==> flow/design.v <==
module my_mplex_top #(
  parameter BITS = 16,
  parameter N_IN = 8,
  parameter SW = $clog2(N_IN)
) (
  input clk_i,
  input clr,
  input adv,
  input [N_IN*BITS-1:0] in_src,
  input [SW-1:0] in_select,
  output reg [BITS-1:0] out_data_out
);
  reg [N_IN*BITS-1:0] r_src;
  always @(posedge clk_i or posedge clr) begin
    if (clr) begin
      r_src <= 0;
    end else if (adv) begin
      r_src <= in_src;
    end
  end
  reg [SW-1:0] r_select;
  always @(posedge clk_i or posedge clr) begin
    if (clr) begin
      r_select <= 0;
    end else if (adv) begin
      r_select <= in_select;
    end
  end
  localparam HALF = N_IN / 2;
  reg [BITS-1:0] r_lo;
  always @(posedge clk_i or posedge clr) begin
    if (clr) begin
      r_lo <= 0;
    end else if (adv) begin
      r_lo <= r_src[r_select[SW-2:0]*BITS +: BITS];
    end
  end
  reg [BITS-1:0] r_hi;
  always @(posedge clk_i or posedge clr) begin
    if (clr) begin
      r_hi <= 0;
    end else if (adv) begin
      r_hi <= r_src[(HALF + r_select[SW-2:0])*BITS +: BITS];
    end
  end
  reg r_select_d;
  always @(posedge clk_i or posedge clr) begin
    if (clr) begin
      r_select_d <= 1'b0;
    end else if (adv) begin
      r_select_d <= r_select[SW-1];
    end
  end
  always @(posedge clk_i or posedge clr) begin
    if (clr) begin
      out_data_out <= 0;
    end else if (adv) begin
      out_data_out <= r_select_d ? r_hi : r_lo;
    end
  end
endmodule
Step by step through the tools: my_mplex_top
The steps from the RTL of my_mplex_top to its reports follow in flow order.
Lines are those of the file above, counted from 1.
Operators carry their Yosys type and port widths (W data, S select, Z words).
Cell names lack the library's common part.
Not given: -
- top: my_mplex_top
- clock port: clk_i
- library: sky130hd
- corner: tt_025C_1v80

Elaborated design
Yosys after proc, flatten, opt, wreduce and memory -nomap, before mapping. Enables and synchronous resets that opt folds into registers are not counted as muxes. Memory bits, and registers merged into a memory's read port (data or address), are not among the register bits. Print and check cells are not counted. Equal cells are merged and count once.
- $add $sub $neg at 1
- shift operators: 2
- muxes and demuxes: 1
- operator list (operator ; number):
    $shiftx A128 B7 Y16 ; 1
    $shiftx A128 B9 Y16 ; 1
    $mux W16 ; 1
    $add A3 B2 Y4 const A ; 1
- bits in registers: 180
- input port bits at 134
- word-level cells at 10

Logic depth
Yosys ltp: most cells in a row. Word level: on the elaborated netlist, between registers, memories and ports. Mapped: between sequential cells and ports; inverters and the memories' decode and read muxes count.
- noted word-level depth: 2
- ABC_AREA: 0
- depth in mapped cells at 5

Mapped cells and area
Yosys stat after the flow's synthesis: flattened, memories mapped to cells. It holds for the ABC_AREA given above (unset counts as 0); a run with the other value may have another netlist.
The area totals of this step are shown rounded.
- cells by type (cell type ; number):
    dfrtp_1 ; 180
    mux2_4 ; 100
    mux2i_1 ; 80
    mux2_1 ; 32
    o221ai_1 ; 32
    buf_6 ; 19
    nand2b_1 ; 33
    a21oi_1 ; 16
    buf_2 ; 13
    nor2_1 ; 16
    buf_4 ; 3
    clkbuf_1 ; 2
    inv_1 ; 1
    nand2_1 ; 1
- noted cell count: 528
- noted chip area (Yosys): 8110 µm²
- sequential area at 4504 µm²
- flip-flop cells: 180
- noted buffer cells: 37

Path before layout
Path of least setup slack by OpenSTA after synthesis, without wires, with an ideal clock, recovery checks aside; 20% of the period is set as input and as output delay. Where synthesis merged equal registers, the netlist keeps one of their names.
- path kind: input-to-reg
- start: input port adv
- end: register r_select[0]
- period at 1.38 ns
- library setup time at 0.125 ns
- noted launch time at the first pin: 0.276 ns
- arrival time: 0.996 ns
- noted data required time: 1.255 ns
- path slack at 0.259 ns
- noted path delay: 0.845 ns
- noted driving pins on the path: 4
- noted path buffers: 3
- synthesis period reached at 1.121 ns
"path delay" = arrival - input delay + setup time.
"driving pins on the path": output pins that drive a net of the path, with the launching flip-flop's if there is one; two outputs of one cell count as two.
"synthesis period reached" = period - worst setup slack (recovery checks aside). The figure is calculated, with input and output delays left at 20% of the set period.
- path through: buf_6 > buf_6 > buf_6 > mux2_4
- length of the longest elaborated chain at 0
- ends and longest elaborated chain, after synthesis (what ; RTL line ; text):
    from (decl) ; 8 ; input adv,
    to (assign) ; 24 ; r_select <= 0;
    to (assign) ; 26 ; r_select <= in_select;
    to (decl) ; 21 ; reg [SW-1:0] r_select;

Worst path after layout
Path of least setup slack in the final report of run 1 (OpenROAD, finished layout, wires in). Where an end is a register, its clock arrival counts in the times.
- path kind: reg-to-output
- start: register out_data_out[15]
- end: output port out_data_out[15]
- period at 1.38 ns
- noted launch time at the first pin: 0.43 ns
- arrival time: 1.08 ns
- noted data required time: 1.10 ns
- path slack at 0.03 ns
- noted driving pins on the path: 2
- noted path buffers: 1
- path through: dfrtp_1 > clkdlybuf4s15_2
- length of the longest elaborated chain at 0
- ends and longest elaborated chain, after layout (what ; RTL line ; text):
    from (decl) ; 11 ; output reg [BITS-1:0] out_data_out
    from (assign) ; 56 ; out_data_out <= 0;
    from (assign) ; 58 ; out_data_out <= r_select_d ? r_hi : r_lo;
    to (decl) ; 11 ;

Lab notebook: my_mplex_top

Measured results for my_mplex_top: 2 stored runs of the Yosys and OpenROAD flow on sky130hd. The settings differ; the order carries no meaning. The constraints put input and output delay at 20% of the set period each and load the outputs with 0.01 pF.
"period achieved": clock period set for the run, less the worst setup slack. It is reckoned from that one timing run; input and output delays stay at 20% of the period that was set.
By "time on the worst setup path" is meant the share of the clock period that the worst setup path is allowed (20% is reserved at inputs, 20% at outputs), minus its slack. Clock arrival times at its registers enter into it.
By "total design power" is meant OpenSTA's value without simulated activity: inputs other than the clock are taken to toggle once in ten clock periods, and the tool carries that through the logic.
The results are shown rounded.

Run 1

==> flow/run.sh <==
#!/bin/bash
# the make line also repeats the synthesis and layout settings of config.mk as NAME=value (left out here)
make -C /OpenROAD-flow-scripts/flow DESIGN_CONFIG=/design/flow/config.mk WORK_HOME=/design/flow/orfs CLKGATE_MAP_FILE= finish
==> flow/config.mk <==
export PLATFORM = sky130hd
export DESIGN_NAME = my_mplex_top
export DESIGN_NICKNAME = my_mplex_top
export VERILOG_FILES = /design/flow/design.v
export SDC_FILE = /design/flow/constraint.sdc
export NUM_CORES = 4
export LEC_CHECK = 0
export CAP_MARGIN = 20
export CORE_MARGIN = 2
export CORE_UTILIZATION = 40
export SLEW_MARGIN = 20
==> flow/constraint.sdc <==
create_clock -name core_clock -period 1.38 [get_ports {clk_i}]
set_input_delay 0.2760 -clock core_clock [delete_from_list [all_inputs] [get_ports {clk_i}]]
set_output_delay 0.2760 -clock core_clock [all_outputs]
set_load 0.01 [all_outputs]

Measured in run 1:
- chip area after synthesis (Yosys) at 8110 µm²
- die size at 21430 µm²
- area of the standard cells in the finished layout: 10570 µm²
- noted the final utilization: 52.7%
- setup slack of the critical path: 0.028 ns
- noted the sum of negative setup slack: 0.000 ns
- noted the worst hold slack in the final report: 0.217 ns
- noted the total design power: 13710 µW
- period achieved: 1.352 ns
- time on the worst setup path at 1.08 ns
- worst setup path type: reg-to-output

Run 2

==> flow/run.sh <==
#!/bin/bash
# the make line also repeats the synthesis and layout settings of config.mk as NAME=value (left out here)
make -C /OpenROAD-flow-scripts/flow DESIGN_CONFIG=/design/flow/config.mk WORK_HOME=/design/flow/orfs CLKGATE_MAP_FILE= finish
==> flow/config.mk <==
export PLATFORM = sky130hd
export DESIGN_NAME = my_mplex_top
export DESIGN_NICKNAME = my_mplex_top
export VERILOG_FILES = /design/flow/design.v
export SDC_FILE = /design/flow/constraint.sdc
export NUM_CORES = 4
export LEC_CHECK = 0
export CAP_MARGIN = 20
export CELL_PAD_IN_SITES_DETAIL_PLACEMENT = 1
export CELL_PAD_IN_SITES_GLOBAL_PLACEMENT = 2
export CORE_MARGIN = 4
export CORE_UTILIZATION = 29
export CTS_CLUSTER_SIZE = 51
export PLACE_DENSITY_LB_ADDON = 0.29
export SETUP_SLACK_MARGIN = 0.16
export SLEW_MARGIN = 0
export TNS_END_PERCENT = 85
==> flow/constraint.sdc <==
create_clock -name core_clock -period 1.53 [get_ports {clk_i}]
set_input_delay 0.3060 -clock core_clock [delete_from_list [all_inputs] [get_ports {clk_i}]]
set_output_delay 0.3060 -clock core_clock [all_outputs]
set_load 0.01 [all_outputs]

Measured in run 2:
- chip area after synthesis (Yosys) at 8110 µm²
- die size at 30710 µm²
- area of the standard cells in the finished layout: 10710 µm²
- noted the final utilization: 39.3%
- setup slack of the critical path: 0.221 ns
- noted the sum of negative setup slack: 0.000 ns
- noted the worst hold slack in the final report: 0.302 ns
- noted the total design power: 12500 µW
- period achieved: 1.309 ns
- time on the worst setup path at 1.31 ns
- worst setup path type: reg-to-reg
